==> flow/design.v <==
module cpu_comparator_stage #(
  parameter integer WD = 12,
  parameter integer WAYS = 12
) (
  input wire clk,
  input wire step,
  input wire [WAYS*WD-1:0] i_bus,
  output wire [WD-1:0] o_max_o
);
  reg [WAYS*WD-1:0] bus_r;
  always @(posedge clk) begin
    if (step) begin
      bus_r <= i_bus;
    end
  end
  wire [WD-1:0] nd [1:2*WAYS-1];
  genvar k;
  generate
    for (k = 0; k < WAYS; k = k + 1) begin : slice
      assign nd[WAYS+k] = bus_r[k*WD +: WD];
    end
    for (k = 1; k < WAYS; k = k + 1) begin : g_bit
      assign nd[k] = (nd[2*k] > nd[2*k+1]) ? nd[2*k] : nd[2*k+1];
    end
  endgenerate
  reg [WD-1:0] max_o_r;
  always @(posedge clk) begin
    if (step) begin
      max_o_r <= nd[1];
    end
  end
  assign o_max_o = max_o_r;
endmodule
# == From RTL to reports: cpu_comparator_stage ==
# What the tools print for cpu_comparator_stage, step after step.
# Lines are those of the file above, counted from 1.
# Library cell names are shortened.
# Not given: n/a
# setup
design,cpu_comparator_stage
clock_port,clk
lib,sky130hd
lib_corner,tt_025C_1v80

# == Word-level counts ==
# Source: Yosys, flattened and elaborated. Widths are those after wreduce; folded enables and synchronous resets count as part of the registers. Registers that Yosys merges into a memory's read port (data or address) are not register bits. Print and check cells do not count. Equal cells are merged and count once.
# bits
ff_bits,156
in_bits,146
out_inout_bits,12
wordCells,24
# classes
n_cmp,11
muxes,11
# op_table
op,count
> comparator 12 bit,11
two-way mux 12 bit,11

# == Depth ==
# Longest topological path by Yosys (ltp), each cell counted once; first at word level (registers and memories cut), then after technology mapping (sequential cells cut; the memories' decode and read muxes count).
# logic_depth
word_depth,8
abc_area,0
ltp_mapped,47
depth_no_buf,41

# == Synthesis result ==
# Source: synth_stat.txt of the flow (Yosys; design flattened, memories mapped). It holds for the ABC_AREA given above (unset counts as 0); a run with the other value may have another netlist.
# mapped
stdcells,847
synth_area_um2,9614.2
seq_area_um2,4684.5
ffs,156
buffers,26
# by_type
cell_type,count,type_area_um2
edfxtp_1,156,4.68E+03
ha_1,130,1626.56
mux2i_1,41,410.394
inv_1,108,405.389
a21oi_1,62,310.298
a21o_1,37,277.766
o21ai_0,43,215.206
nor2_1,53,198.941
nand4_1,30,187.68
mux2_2,11,123.869
nand2_1,24,90.086
o31a_1,10,87.584
clkbuf_1,22,82.579
nor3_1,16,80.077
nor2b_1,12,75.072
a311o_1,6,60.058
o211ai_1,8,60.058
nand2b_1,9,56.304
# Not listed: further types 35, cells in them 69.

# == Path before layout ==
# Path of least setup slack by OpenSTA after synthesis, without wires, with an ideal clock, recovery checks aside; 20% of the period is set as input and as output delay. Where synthesis merged equal registers, the netlist keeps one of their names.
# synth_timing
path_kind,flip-flop to flip-flop
start,reg bus_r[97]
end,reg max_o_r[11]
clock_period_ps,10300
setup_ps,275
t_first_pin_ps,0
arrival_time_ps,7961
required_time_ps,10025
path_slack_ps,2064
delay_ps,8236
stages,41
n_path_buf,7
synth_period_reached_ps,8236
# "delay_ps" = arrival - input delay + setup time.
# "stages" counts driving pins, that of a launching flip-flop among them; a cell with two outputs on the path counts twice.
# "synth_period_reached_ps" = period - worst setup slack (recovery checks aside). The figure is calculated, with input and output delays left at 20% of the set period.
# The rows between start and end are the longest chain of elaborated cells between them; the timing report does not say that the signal goes this way. Where chains are equally long, one stands for them.
# A line is the first line of the expression or statement that the cell stems from. Yosys adds cells for indexed reads and writes and turns some case tables into memories.
# synth_via
cell_sequence,edfxtp_1 ha_1 nor2b_4 o211ai_2 a211o_1 a31oi_4 clkbuf_1 clkbuf_1 nor2_1 a21oi_1 inv_1 ha_1 and2_1 a221o_1 a21o_1 a21o_1 o32ai_4 clkbuf_1 (+5 left out) nand2b_1 a21oi_1 nor2b_1 o21ai_0 nor2_1 mux2_4 or2_1 buf_2 o21ai_1 ha_1 nand4_1 or2_2 o21ai_0 o22a_1 clkbuf_1 clkbuf_1 clkbuf_1 o221ai_1
elab_chain_len,8
# synth_rtl
element,line_no,rtl
"start, declared",10,reg [WAYS*WD-1:0] bus_r;
"start, assigned",13,bus_r <= i_bus;
> comparator 12 bit,23,assign nd[k] = (nd[2*k] > nd[2*k+1]) ? nd[2*k] : nd[2*k+1];
two-way mux 12 bit,23,
> comparator 12 bit,23,
two-way mux 12 bit,23,
> comparator 12 bit,23,
two-way mux 12 bit,23,
> comparator 12 bit,23,
two-way mux 12 bit,23,
"end, assigned",29,max_o_r <= nd[1];
"end, declared",26,reg [WD-1:0] max_o_r;

# == Path in the finished layout ==
# Path of least setup slack in the final report of run A (OpenROAD, finished layout, wires in). Where an end is a register, its clock arrival counts in the times.
# The report prints the path's times to 10 ps; the period is as set.
# layout_timing
path_kind,flip-flop to flip-flop
start,reg bus_r[106]
end,reg max_o_r[3]
clock_period_ps,13500
setup_ps,250
t_first_pin_ps,430
arrival_time_ps,9520
required_time_ps,13680
path_slack_ps,4160
stages,37
n_path_buf,1
# The rows between start and end are the longest chain of elaborated cells between them; the timing report does not say that the signal goes this way. Where chains are equally long, one stands for them.
# layout_via
cell_sequence,edfxtp_1 ha_1 nand4_1 a211o_1 a31oi_4 nor2_1 a21oi_1 inv_1 ha_1 and2_1 and4_1 nand3_1 a21oi_1 a32oi_1 a21oi_1 o32ai_4 mux2i_1 inv_1 ha_1 a21o_1 a21o_1 a211oi_1 o21bai_1 o311ai_2 buf_4 or2_1 o21ai_1 ha_1 nor2b_1 o21ai_0 nand2b_1 a21oi_1 o21ai_0 o22a_2 nand2_1 nor3_1 a311o_1
elab_chain_len,8
# layout_rtl
element,line_no,rtl
"start, declared",10,reg [WAYS*WD-1:0] bus_r;
"start, assigned",13,bus_r <= i_bus;
> comparator 12 bit,23,assign nd[k] = (nd[2*k] > nd[2*k+1]) ? nd[2*k] : nd[2*k+1];
two-way mux 12 bit,23,
> comparator 12 bit,23,
two-way mux 12 bit,23,
> comparator 12 bit,23,
two-way mux 12 bit,23,
> comparator 12 bit,23,
two-way mux 12 bit,23,
"end, assigned",29,max_o_r <= nd[1];
"end, declared",26,reg [WD-1:0] max_o_r;

# Flow measurements of cpu_comparator_stage on sky130hd: 3 stored runs with different settings, listed in no order. Input and output delays are each 20% of the period that was set; the output load is 0.01 pF.
# "period_less_ws_ps" means the clock period less the worst setup slack. The figure is calculated, with input and output delays left at 20% of the set period.
# "worst_path_allowed_less_slack_ps" means the part of the period allowed to the worst setup path (the constraints hold back 20% at inputs and 20% at outputs) less its slack; where the path has registers, the arrival times of their clocks count too.
# "totalPower_w" rests on the timing tool's default activity at the inputs, not on a simulated workload.
# "worst_path_allowed_less_slack_ps" is known to 10 ps.
# A setting shown as . is not set for that run.
run,period_ns,CORE_UTILIZATION,SETUP_SLACK_MARGIN,PLACE_DENSITY,CORE_ASPECT_RATIO,CELL_PAD_IN_SITES_DETAIL_PLACEMENT,ABC_AREA,GPL_TIMING_DRIVEN,GPL_ROUTABILITY_DRIVEN,CTS_CLUSTER_SIZE,CAP_MARGIN,MAX_ROUTING_LAYER,CORE_MARGIN,SLEW_MARGIN,CTS_CLUSTER_DIAMETER,post_synth_area_um2,die_footprint_um2,final_cell_area_um2,finish.utilization_pct,timing.setup.ws_ps,timing.setup.tns_ps,hold_ws_ps,totalPower_w,period_less_ws_ps,worst_path_allowed_less_slack_ps,worst_path_kind
run A,13.5,46,1.46,0.7,0.95,1,0,1,1,61,30,met5,2,20,.,9614.2,22073.4,12112.9,59.1,4157,0,1012,0.002176,9343,9340,flip-flop to flip-flop
run B,11.5,44,-0.91,0.37,.,.,1,0,.,48,30,met5,4,35,393,9646.8,24357.8,12157.9,57.1,3991,0,942,0.002519,7509,7510,flip-flop to flip-flop
run C,10.3,40,.,.,.,.,.,.,.,.,20,.,2,20,.,9614.2,25292.1,12136.6,51.6,1178,0,960,0.002761,9122,9120,flip-flop to flip-flop
